==> flow/design.v <==
module mplex_stage (clk, resetn, d0_in, d1_in, d2_in, d3_in, d4_in, choose_in, o_out);
  parameter DATA_W = 10;
  input clk;
  input resetn;
  input [DATA_W-1:0] d0_in;
  input [DATA_W-1:0] d1_in;
  input [DATA_W-1:0] d2_in;
  input [DATA_W-1:0] d3_in;
  input [DATA_W-1:0] d4_in;
  input [2:0] choose_in;
  output [DATA_W-1:0] o_out;
  reg [DATA_W-1:0] d0_q;
  reg [DATA_W-1:0] d1_q;
  reg [DATA_W-1:0] d2_q;
  reg [DATA_W-1:0] d3_q;
  reg [DATA_W-1:0] d4_q;
  reg [2:0] choose_q;
  reg [DATA_W-1:0] work;
  always @* begin
    case (choose_q)
      0: work = d0_q;
      1: work = d1_q;
      2: work = d2_q;
      3: work = d3_q;
      default: work = d4_q;
    endcase
  end
  assign o_out = work;
  always @(posedge clk) begin
    if (~resetn) begin
      d0_q <= 0;
      d1_q <= 0;
      d2_q <= 0;
      d3_q <= 0;
      d4_q <= 0;
      choose_q <= 0;
    end else begin
      d0_q <= d0_in;
      d1_q <= d1_in;
      d2_q <= d2_in;
      d3_q <= d3_in;
      d4_q <= d4_in;
      choose_q <= choose_in;
    end
  end
endmodule
* Step by step through the tools: mplex_stage *
The steps from the RTL of mplex_stage to its reports follow in flow order.
Lines are those of the file above, counted from 1.
Operators carry their Yosys type and port widths (W data, S select, Z words).
Cell names lack the library's common part.
A cell with n/a has no value.

design
  top module = mplex_stage
  clock port = clk
  cell library = sky130hd
  timing corner = tt_025C_1v80

* Elaborated design *
Counts by Yosys on the flattened word-level netlist (proc, flatten, opt, wreduce; memories kept). Register bits leave out memories and registers merged into their read ports (data or address); mux counts leave out enables and synchronous resets folded into registers. Print and check cells are left out. Cells with the same type and inputs are merged into one.

cells by class
  add/subtract/negate cells = 0
  $mul = 0
  div/mod/pow operators = 0
  magnitude comparators = 0
  equality and inequality tests = 3
  shifts and indexed selects = 0
  multiplexer cells = 1
  bitwise gates (word level) = 0
  reductions and logical operators = 1

operators by type and width
  cell                  number
  $pmux W10 S4          1
  $eq A3 B2 Y1 const B  2
  $eq A3 B1 Y1 const B  1
  $logic_not A3 Y1      1

word-level totals
  register bits after elaboration = 53
  latch bits = 0
  memory bits (writable) = 0
  memory bits (read-only) = 0
  word width x clocked read ports = 0
  memories = 0
  output and inout bits = 10
  cells after elaboration = 11

* Depth *
Yosys ltp: most cells in a row. Word level: on the elaborated netlist, between registers, memories and ports. Mapped: between sequential cells and ports; inverters and the memories' decode and read muxes count.

depth
  word-level depth = 2
  ABC_AREA = 0
  gate-level depth with buffers = 4

* After synthesis *
Yosys stat after the flow's synthesis: flattened, memories mapped to cells. It holds for the ABC_AREA given above (unset counts as 0); a run with the other value may have another netlist.

mapped netlist
  cell count = 168
  cell area after synthesis = 1873.0 um^2
  area of sequential cells = 1061.0 um^2
  mapped flip-flops = 53

cells by type
  cell type  number
  dfxtp_1    53
  and2_1     53
  mux2_4     10
  mux2_2     10
  o22ai_1    10
  a21oi_1    10
  inv_1      10
  buf_6      2
  clkbuf_1   6
  buf_2      2
  nand2b_1   1
  or2_2      1

* Worst setup path after synthesis *
OpenSTA on the mapped netlist: ideal clock, no wires. The path of least setup slack (recovery checks aside). Input and output delay are each 20% of the period. Register names are those of the netlist, which keeps one name where synthesis merged equal registers.

timing after synthesis
  path kind = flip-flop to output port
  start point = reg (no name shown)
  end point = out o_out[0]
  clock period = 1.6 ns
  output delay = 0.320 ns
  time at the first pin = 0.000 ns
  data arrival time = 1.025 ns
  data required time = 1.280 ns
  path slack = 0.255 ns
  delay of the path = 1.025 ns
  stages on the path = 5
  path buffers = 1
  period reached after synthesis = 1.345 ns

"delay of the path" is the arrival time less input delay plus setup time.
At an output port there is no setup time.
"stages on the path": output pins that drive a net of the path, with the launching flip-flop's if there is one; two outputs of one cell count as two.
"period reached after synthesis" = period - worst setup slack (recovery checks aside). The figure is calculated, with input and output delays left at 20% of the set period.
The rows between start and end are the longest chain of elaborated cells between them; the timing report does not say that the signal goes this way. Where chains are equally long, one stands for them.
A line is the first line of the expression or statement that the cell stems from. Yosys adds cells for indexed reads and writes and turns some case tables into memories.

between the ends, after synthesis
  cells stage by stage = dfxtp_1 buf_6 mux2_4 o22ai_1 a21oi_1
  cells in the longest elaborated chain = 2
  elaborated cells between the ends (all ways) = 5
  those cells by class = eq/ne (3); mux (1); reduce/logical (1)

RTL lines, path after synthesis
  what                RTL line  text
  start: declaration  17
  start: assignment   36
  start: assignment   43
  $eq A3 B2 Y1        20
  $pmux W10 S4        20
  end: declaration    11        output [DATA_W-1:0] o_out;

* Timing after layout *
From the final timing report of flow run 1: the path of least setup slack in the routed layout; clock arrival at registers is part of the times.

timing post-layout
  path kind = flip-flop to output port
  start point = reg (no name shown)
  end point = out o_out[1]
  clock period = 1.6 ns
  output delay = 0.32 ns
  time at the first pin = 0.30 ns
  data arrival time = 1.56 ns
  data required time = 1.28 ns
  path slack = -0.28 ns
  stages on the path = 7
  path buffers = 3

The rows between start and end are the longest chain of elaborated cells between them; the timing report does not say that the signal goes this way. Where chains are equally long, one stands for them.

between the ends, post-layout
  cells stage by stage = dfxtp_4 buf_8 buf_6 mux2_4 o22ai_2 a21oi_1 buf_2
  cells in the longest elaborated chain = 2
  elaborated cells between the ends (all ways) = 5
  those cells by class = eq/ne (3); mux (1); reduce/logical (1)

RTL lines, path post-layout
  what                RTL line  text
  start: declaration  17
  start: assignment   36
  start: assignment   43
  $eq A3 B2 Y1        20
  $pmux W10 S4        20
  end: declaration    11        output [DATA_W-1:0] o_out;

Add stored flow runs of mplex_stage

Design mplex_stage on sky130hd. What follows are 3 stored runs of the flow, each under its own settings; their order means nothing. The constraints put input and output delay at 20% of the set period each and load the outputs with 0.01 pF.
"achieved clock period (ns)": clock period set for the run, less the worst setup slack. It is reckoned from that one timing run; input and output delays stay at 20% of the period that was set.
"finish__power__total" is the tool's figure for a default switching activity; nothing was simulated.

settings of flow run 1
{
  "period_ns": 1.6,
  "CAP_MARGIN": 20,
  "CORE_MARGIN": 2,
  "CORE_UTILIZATION": 40,
  "SLEW_MARGIN": 20
}
report of flow run 1
yosys chip area after synthesis (um^2): 1873.0
finish__design__die__area: 5246.1
finish__design__instance__utilization: 0.6171
finish__timing__setup__ws: -0.278
finish__timing__setup__tns: -2.094
finish__timing__hold__ws: 0.590
finish__power__total: 2.551e-03
achieved clock period (ns): 1.878

settings of flow run 2
{
  "period_ns": 0.798,
  "CORE_UTILIZATION": 34,
  "SETUP_SLACK_MARGIN": 0.06,
  "PLACE_DENSITY_LB_ADDON": 0.13,
  "CORE_ASPECT_RATIO": 1.45,
  "CORE_MARGIN": 4,
  "CELL_PAD_IN_SITES_GLOBAL_PLACEMENT": 1,
  "CELL_PAD_IN_SITES_DETAIL_PLACEMENT": 2,
  "TNS_END_PERCENT": 30,
  "ABC_AREA": 0,
  "CTS_CLUSTER_SIZE": 41,
  "CAP_MARGIN": 20,
  "SLEW_MARGIN": 20
}
report of flow run 2
yosys chip area after synthesis (um^2): 1873.0
finish__design__die__area: 6781.2
finish__design__instance__utilization: 0.5562
finish__timing__setup__ws: -0.953
finish__timing__setup__tns: -8.958
finish__timing__hold__ws: 0.431
finish__power__total: 5.807e-03
achieved clock period (ns): 1.751

settings of flow run 3
{
  "period_ns": 1.42,
  "CORE_UTILIZATION": 64,
  "SETUP_SLACK_MARGIN": -0.1,
  "PLACE_DENSITY_LB_ADDON": 0.12,
  "HOLD_SLACK_MARGIN": 0.3,
  "CORE_MARGIN": 10,
  "CELL_PAD_IN_SITES_GLOBAL_PLACEMENT": 2,
  "TNS_END_PERCENT": 80,
  "CTS_CLUSTER_DIAMETER": 22,
  "CAP_MARGIN": 20,
  "SLEW_MARGIN": 20
}
report of flow run 3: did not finish, place, FLW-0024
